==> flow/design.v <==
module gen_mul_rtl #(
  parameter int W = 3
) (
  input logic clk,
  input logic valid,
  input logic [W-1:0] dataa_i,
  input logic [W-1:0] datab_i,
  output logic [2*W-1:0] q_o
);
  logic [W-1:0] dataa_ff;
  logic [W-1:0] datab_ff;
  always_ff @(posedge clk) begin
    if (valid) begin
      dataa_ff <= dataa_i;
      datab_ff <= datab_i;
      q_o <= dataa_ff * datab_ff;
    end
  end
endmodule
## Step by step through the tools: gen_mul_rtl

The steps from the RTL of gen_mul_rtl to its reports follow in flow order.
Lines are those of the file above, counted from 1.
Cell names lack the library's common part.
A cell with n/a has no value.

| set-up | value |
|---|---|
| top | gen_mul_rtl |
| clock input | clk |
| library | sky130hd |
| timing corner | tt_025C_1v80 |

## Word level

Source: Yosys, flattened and elaborated, memories not mapped. Widths are those after wreduce; folded enables and synchronous resets count as part of the registers. Registers that Yosys merges into a memory's read port (data or address) are not register bits. Print and check cells do not count. Equal cells are merged and count once.

| word-level totals | value |
|---|---|
| ROM bits | 0 |
| memory bits (writable) | 0 |
| cells after elaboration | 4 |
| memories kept | 0 |
| bits in latches | 0 |
| word width x clocked read ports | 0 |
| register bits | 12 |

| cells by class | value |
|---|---|
| muxes and demuxes | 0 |
| magnitude comparators | 0 |
| $add $sub $neg | 0 |
| shift operators | 0 |
| divide/modulo/power cells | 0 |
| bitwise gates (word level) | 0 |
| equality and inequality tests | 0 |
| reductions and logical operators | 0 |
| multiply operators | 1 |

Operators with widths:

| cell | number |
|---|---|
| multiplier 3 x 3 -> 6 bit | 1 |

## Longest topological paths

Yosys ltp: most cells in a row. Word level: on the elaborated netlist, between registers, memories and ports. Mapped: between sequential cells and ports; inverters and the memories' decode and read muxes count.

| depth | value |
|---|---|
| depth in word-level cells | 1 |
| ABC_AREA | 0 |
| depth in mapped cells | 6 |
| depth with buffers taken out | 6 |

## Mapped cells and area

Source: synth_stat.txt of the flow (Yosys; design flattened, memories mapped). It holds for the ABC_AREA given above (unset counts as 0); a run with the other value may have another netlist.
Totals and module areas in this step are rounded.

Cell types:

| type | number | area in all (um2) |
|---|---|---|
| edfxtp_1 | 12 | 360.346 |
| ha_1 | 5 | 62.56 |
| and2_1 | 9 | 56.304 |
| fa_1 | 2 | 40.038 |
| inv_1 | 4 | 15.014 |
| xnor2_1 | 1 | 8.758 |
| a21oi_1 | 1 | 5.005 |
| nand3_1 | 1 | 5.005 |
| nand2_1 | 1 | 3.754 |

| synthesis totals | value |
|---|---|
| buffer cells | 0 |
| mapped flip-flops | 12 |
| synthesis area | 557 um2 |
| cells in the netlist | 36 |

## Worst setup path after synthesis

OpenSTA on the mapped netlist: ideal clock, no wires. The path of least setup slack (recovery checks aside). Input and output delay are each 20% of the period. Register names are those of the netlist, which keeps one name where synthesis merged equal registers.

| timing after synthesis | value |
|---|---|
| path type | flip-flop to flip-flop |
| start point | register dataa_ff[0] |
| end point | register q_o[4] |
| driving pins on the path | 7 |
| required time | 2302 ps |
| path delay | 2046 ps |
| arrival time | 1788 ps |
| time at the first pin | 0 ps |
| path buffers | 0 |
| clock period | 2560 ps |
| slack | 515 ps |
| synthesis period reached | 2045 ps |

"path delay" = arrival - input delay + setup time.
"driving pins on the path" counts driving pins, that of a launching flip-flop among them; a cell with two outputs on the path counts twice.
"synthesis period reached" is the clock period less the worst setup slack; recovery checks do not enter. This is arithmetic on one report: input and output delays are still those of the set period (20% each).
Between the ends stands the longest chain of elaborated cells between them, by number of cells; it is not shown to be the way that was timed. Of several equally long chains one is given.
Each line given opens the expression or statement behind the cell; cells for indexed reads and writes are added by Yosys, which also makes memories of some case tables.

| on the way, after synthesis | value |
|---|---|
| cell sequence | edfxtp_1 > and2_1 > fa_1 > ha_1 > inv_1 > fa_1 > xnor2_1 |
| cells in the longest elaborated chain | 1 |
| elaborated cells on any way between the ends | 1 |
| classes of those cells | mul (1) |

Ends and longest elaborated chain, after synthesis:

| item | line | text |
|---|---|---|
| from (decl) | 10 | `logic [W-1:0] dataa_ff;` |
| from (assign) | 14 | `dataa_ff <= dataa_i;` |
| multiplier 3 x 3 -> 6 bit | 16 | `q_o <= dataa_ff * datab_ff;` |
| to (assign) | 16 |  |
| to (decl) | 8 | `output logic [2*W-1:0] q_o` |

## Worst path after layout

From the final timing report of stored run 1: the path of least setup slack in the routed layout; clock arrival at registers is part of the times.
The report prints the path's times to 10 ps; the period is as set.

| timing post-layout | value |
|---|---|
| path type | flip-flop to flip-flop |
| start point | register dataa_ff[0] |
| end point | register q_o[4] |
| arrival time | 2170 ps |
| required time | 2580 ps |
| driving pins on the path | 7 |
| clock period | 2560 ps |
| time at the first pin | 270 ps |
| path buffers | 0 |
| slack | 410 ps |

Between the ends stands the longest chain of elaborated cells between them, by number of cells; it is not shown to be the way that was timed. Of several equally long chains one is given.

| on the way, post-layout | value |
|---|---|
| cell sequence | edfxtp_1 > and2_1 > fa_1 > ha_1 > inv_1 > fa_1 > xnor2_1 |
| cells in the longest elaborated chain | 1 |
| elaborated cells on any way between the ends | 1 |
| classes of those cells | mul (1) |

Ends and longest elaborated chain, post-layout:

| item | line | text |
|---|---|---|
| from (decl) | 10 | `logic [W-1:0] dataa_ff;` |
| from (assign) | 14 | `dataa_ff <= dataa_i;` |
| multiplier 3 x 3 -> 6 bit | 16 | `q_o <= dataa_ff * datab_ff;` |
| to (assign) | 16 |  |
| to (decl) | 8 | `output logic [2*W-1:0] q_o` |

Subject: gen_mul_rtl on sky130hd, stored results

Hello all,

Flow measurements of gen_mul_rtl on sky130hd: 3 stored runs with different settings, listed in no order. Input and output delays are each 20% of the period that was set; the output load is 0.01 pF.
"critical path time": the worst setup path's part of the clock period (all of it between registers, 20% less for each end at a port) less its slack. A launch clock that arrives late makes it longer, a capture clock that arrives late makes it shorter.
"power consumption" rests on the timing tool's default activity at the inputs, not on a simulated workload.
"critical path time" is given in steps of 10 ps.
Results are given in rounded form.
Settings: n/a = not set for that run.
Results: n/a = not shown.

| run | period_ns | CAP_MARGIN | CORE_MARGIN | CORE_UTILIZATION | SLEW_MARGIN | PLACE_DENSITY | CORE_ASPECT_RATIO | CELL_PAD_IN_SITES_GLOBAL_PLACEMENT | CELL_PAD_IN_SITES_DETAIL_PLACEMENT | TNS_END_PERCENT | GPL_TIMING_DRIVEN | GPL_ROUTABILITY_DRIVEN | CTS_CLUSTER_SIZE | MIN_ROUTING_LAYER | MAX_ROUTING_LAYER | PLACE_DENSITY_LB_ADDON | CTS_CLUSTER_DIAMETER | utilization after routing (%) | total die area (um2) | critical path time (ps) | worst path kind | setup slack of the worst path (ps) | netlist area reported by Yosys (um2) | power consumption (W) | worst hold slack (ps) | sum of negative setup slack (ps) |
|---|---|---|---|---|---|---|---|---|---|---|---|---|---|---|---|---|---|---|---|---|---|---|---|---|---|---|
| stored run 1 | 2.56 | 20 | 2 | 40 | 20 | n/a | n/a | n/a | n/a | n/a | n/a | n/a | n/a | n/a | n/a | n/a | n/a | 56.0 | 1710 | 2150 | flip-flop to flip-flop | 414 | 557 | 0.000434 | 579 | 0 |
| stored run 2 | 1.51 | 35 | 2 | 71 | 10 | 0.72 | 0.55 | 0 | 1 | 5 | 0 | 1 | 12 | met2 | met4 | n/a | n/a | n/a | n/a | n/a | n/a | n/a | n/a | n/a | n/a | n/a |
| stored run 3 | 2.95 | 20 | 2 | 60 | 20 | n/a | 1.39 | 0 | 1 | n/a | 0 | n/a | n/a | n/a | n/a | 0.19 | 186 | n/a | n/a | n/a | n/a | n/a | n/a | n/a | n/a | n/a |

Stored run 2: no results, floorplanning failed with PDN-0185
Stored run 3: no results, floorplanning failed with PDN-0185

Thanks
